==> flow/design.v <==
module dp_relation_v2 #(
  parameter DW = 16
) (
  input  wire CLK,
  input  wire i_rst_n,
  input  wire [DW-1:0] dataa,
  input  wire [DW-1:0] datab,
  output wire is_gt
);
  reg [DW-1:0] dataa_ff;
  always @(posedge CLK or negedge i_rst_n) begin
    if (~i_rst_n) begin
      dataa_ff <= 0;
    end else begin
      dataa_ff <= dataa;
    end
  end
  reg [DW-1:0] datab_ff;
  always @(posedge CLK or negedge i_rst_n) begin
    if (~i_rst_n) begin
      datab_ff <= 0;
    end else begin
      datab_ff <= datab;
    end
  end
  wire [DW:0] cc;
  assign cc[0] = 1'b0;
  genvar g;
  generate
    for (g = 0; g < DW; g = g + 1) begin : blk
      assign cc[g+1] = (dataa_ff[g] ^ datab_ff[g]) ? dataa_ff[g] : cc[g];
    end
  endgenerate
  assign is_gt = cc[DW];
endmodule
======== Reports on dp_relation_v2 ========
Tool output for the design above, in the order of the flow.
Lines are those of the file above, counted from 1.
Operators: Yosys type, input widths -> output width; for muxes data width and select width s.
Library cell names are shortened.
The mark n/a stands for no value.
inputs
  top module .............................. dp_relation_v2
  clock ................................... CLK
  cell library ............................ sky130hd
  corner .................................. tt_025C_1v80

======== Word level ========
Source: Yosys, flattened and elaborated, memories not mapped. Widths are those after wreduce; folded enables and synchronous resets count as part of the registers. Registers that Yosys merges into a memory's read port (data or address) are not register bits. Print and check cells do not count. Equal cells are merged and count once.
cells by class
  mux-type cells .......................... 16
  bitwise logic cells ..................... 16
operators with widths
  operator     number
  $xor 1x1->1  16
  $mux 1       16
storage and ports
  flip-flop bits (word level) ............. 32
  elaborated cells ........................ 34
  bits of input ports ..................... 34
  output and inout port bits .............. 1

======== Depth ========
Depth = most cells in a row (Yosys ltp): at word level without a register or memory, in the mapped netlist without a sequential cell, where the memories' decode and read muxes count.
logic depth
  depth in word-level cells ............... 17
  ABC_AREA ................................ 0
  mapped depth ............................ 5

======== After synthesis ========
The flow's flattened synthesis, as Yosys stat reports it; memories are mapped. The netlist is that of the ABC_AREA named above (0 if unset); the other value can give another one.
The area totals of this step are shown rounded.
cells by type
  type      number  area in all (um^2)
  dfrtp_1   32      800.768
  inv_1     12      45.043
  nand2b_1  6       37.536
  o22ai_1   5       31.28
  nor2b_1   4       25.024
  maj3_2    2       22.522
  a21oi_1   3       15.014
  a221oi_2  1       15.014
  nand2b_4  1       13.763
  nor2b_4   1       13.763
  a211oi_2  1       12.512
  maj3_1    1       10.01
  a31o_2    1       8.758
  nand4b_1  1       8.758
  a22oi_1   1       7.507
  nand2_1   2       7.507
  o31ai_1   1       7.507
  a31oi_1   1       6.256
  nor3_1    1       5.005
synthesis totals
  standard cells after synthesis .......... 77
  sequential area ......................... 800.8 um^2
  cell area after synthesis ............... 1,094 um^2
  mapped flip-flops ....................... 32

======== Timing after synthesis ========
OpenSTA on the mapped netlist: ideal clock, no wires. The path of least setup slack (recovery checks aside). Input and output delay are each 20% of the period. Register names are those of the netlist, which keeps one name where synthesis merged equal registers.
timing path after synthesis
  kind .................................... flip-flop to output port
  start ................................... reg datab_ff[13]
  end ..................................... out is_gt
  stages on the path ...................... 5
  buffers on the path ..................... 0
  setup slack ............................. 334 ps
  data arrival time ....................... 1,322 ps
  launch time at the first pin ............ 0 ps
  required time ........................... 1,656 ps
  period .................................. 2,070 ps
  delay of the path ....................... 1,322 ps
  synthesis period reached ................ 1,736 ps
"delay of the path" = arrival - input delay + setup time.
A path that ends at an output port has no setup time.
"stages on the path" counts driving pins, that of a launching flip-flop among them; a cell with two outputs on the path counts twice.
"synthesis period reached" is the clock period less the worst setup slack; recovery checks do not enter. This is arithmetic on one report: input and output delays are still those of the set period (20% each).
The rows between start and end are the longest chain of elaborated cells between them; the timing report does not say that the signal goes this way. Where chains are equally long, one stands for them.
A line is the first line of the expression or statement that the cell stems from. Yosys adds cells for indexed reads and writes and turns some case tables into memories.
on the way, after synthesis
  cells stage by stage .................... dfrtp_1 > nor2b_4 > maj3_2 > maj3_1 > a21oi_1
  length of the longest elaborated chain .. 4
RTL lines, path after synthesis
  item             RTL line  source
  start, declared  18        reg [DW-1:0] datab_ff;
  start, assigned  21        datab_ff <= 0;
  start, assigned  23        datab_ff <= datab;
  $xor 1x1->1      31        assign cc[g+1] = (dataa_ff[g] ^ datab_ff[g]) ? dataa_ff[g] : cc[g];
  $mux 1 x3        31
  end, declared    8         output wire is_gt

======== Timing after layout ========
Path of least setup slack in the final report of job 1 (OpenROAD, finished layout, wires in). Where an end is a register, its clock arrival counts in the times.
The report prints the path's times to 10 ps; the period is as set.
timing path after layout
  kind .................................... flip-flop to output port
  start ................................... reg datab_ff[6]
  end ..................................... out is_gt
  period .................................. 2,070 ps
  launch time at the first pin ............ 320 ps
  setup slack ............................. -50 ps
  required time ........................... 1,660 ps
  buffers on the path ..................... 1
  data arrival time ....................... 1,710 ps
  stages on the path ...................... 7
The rows between start and end are the longest chain of elaborated cells between them; the timing report does not say that the signal goes this way. Where chains are equally long, one stands for them.
on the way, after layout
  cells stage by stage .................... dfrtp_1 > nand2b_1 > a31o_2 > a211oi_2 > o31ai_2 > a21oi_1 > buf_2
  length of the longest elaborated chain .. 11
RTL lines, path after layout
  item             RTL line  source
  start, declared  18        reg [DW-1:0] datab_ff;
  start, assigned  21        datab_ff <= 0;
  start, assigned  23        datab_ff <= datab;
  $xor 1x1->1      31        assign cc[g+1] = (dataa_ff[g] ^ datab_ff[g]) ? dataa_ff[g] : cc[g];
  $mux 1 x10       31
  end, declared    8         output wire is_gt

Design dp_relation_v2 on sky130hd. What follows are 3 stored runs of the flow, each under its own settings; their order means nothing. The constraints put input and output delay at 20% of the set period each and load the outputs with 0.01 pF.
"worst path time" means the part of the period allowed to the worst setup path (the constraints hold back 20% at inputs and 20% at outputs) less its slack; where the path has registers, the arrival times of their clocks count too.
"total power after layout" is the tool's figure for a default switching activity; nothing was simulated.
"worst path time" is given in steps of 10 ps.
Results are given in rounded form.

---- job 1 ----
settings
  period_ns = 2.07
  CAP_MARGIN = 20
  CORE_MARGIN = 2
  CORE_UTILIZATION = 40
  SLEW_MARGIN = 20
results
  total power after layout ................ 0.001252 W
  total die area .......................... 3,168 um^2
  cell area after synthesis ............... 1,094 um^2
  total negative slack on setup checks .... -52 ps
  worst slack on setup checks ............. -52 ps
  standard-cell area after routing ........ 1,579 um^2
  utilization after routing ............... 62.0%
  worst path time ......................... 1,710 ps
  critical path type ...................... flip-flop to output port

---- job 2 ----
settings
  period_ns = 1.27
  CORE_UTILIZATION = 31
  SETUP_SLACK_MARGIN = 0.37
  CORE_MARGIN = 7
  CELL_PAD_IN_SITES_DETAIL_PLACEMENT = 1
  GPL_TIMING_DRIVEN = 1
  CAP_MARGIN = 35
  MIN_ROUTING_LAYER = met2
  SLEW_MARGIN = 20
results
  total power after layout ................ 0.00193 W
  total die area .......................... 5,387 um^2
  cell area after synthesis ............... 1,094 um^2
  total negative slack on setup checks .... -722 ps
  worst slack on setup checks ............. -722 ps
  standard-cell area after routing ........ 1,620 um^2
  utilization after routing ............... 48.2%
  worst path time ......................... 1,740 ps
  critical path type ...................... flip-flop to output port

---- job 3 ----
settings
  period_ns = 2.49
  CORE_UTILIZATION = 47
  SETUP_SLACK_MARGIN = 0.64
  PLACE_DENSITY_LB_ADDON = 0.28
  CTS_CLUSTER_SIZE = 49
  MIN_ROUTING_LAYER = met2
  MAX_ROUTING_LAYER = met4
  CAP_MARGIN = 20
  CORE_MARGIN = 2
  SLEW_MARGIN = 20
results
  total power after layout ................ 0.0008955 W
  total die area .......................... 2,728 um^2
  cell area after synthesis ............... 1,094 um^2
  total negative slack on setup checks .... 0 ps
  worst slack on setup checks ............. 325 ps
  standard-cell area after routing ........ 1,510 um^2
  utilization after routing ............... 68.3%
  worst path time ......................... 1,670 ps
  critical path type ...................... flip-flop to output port
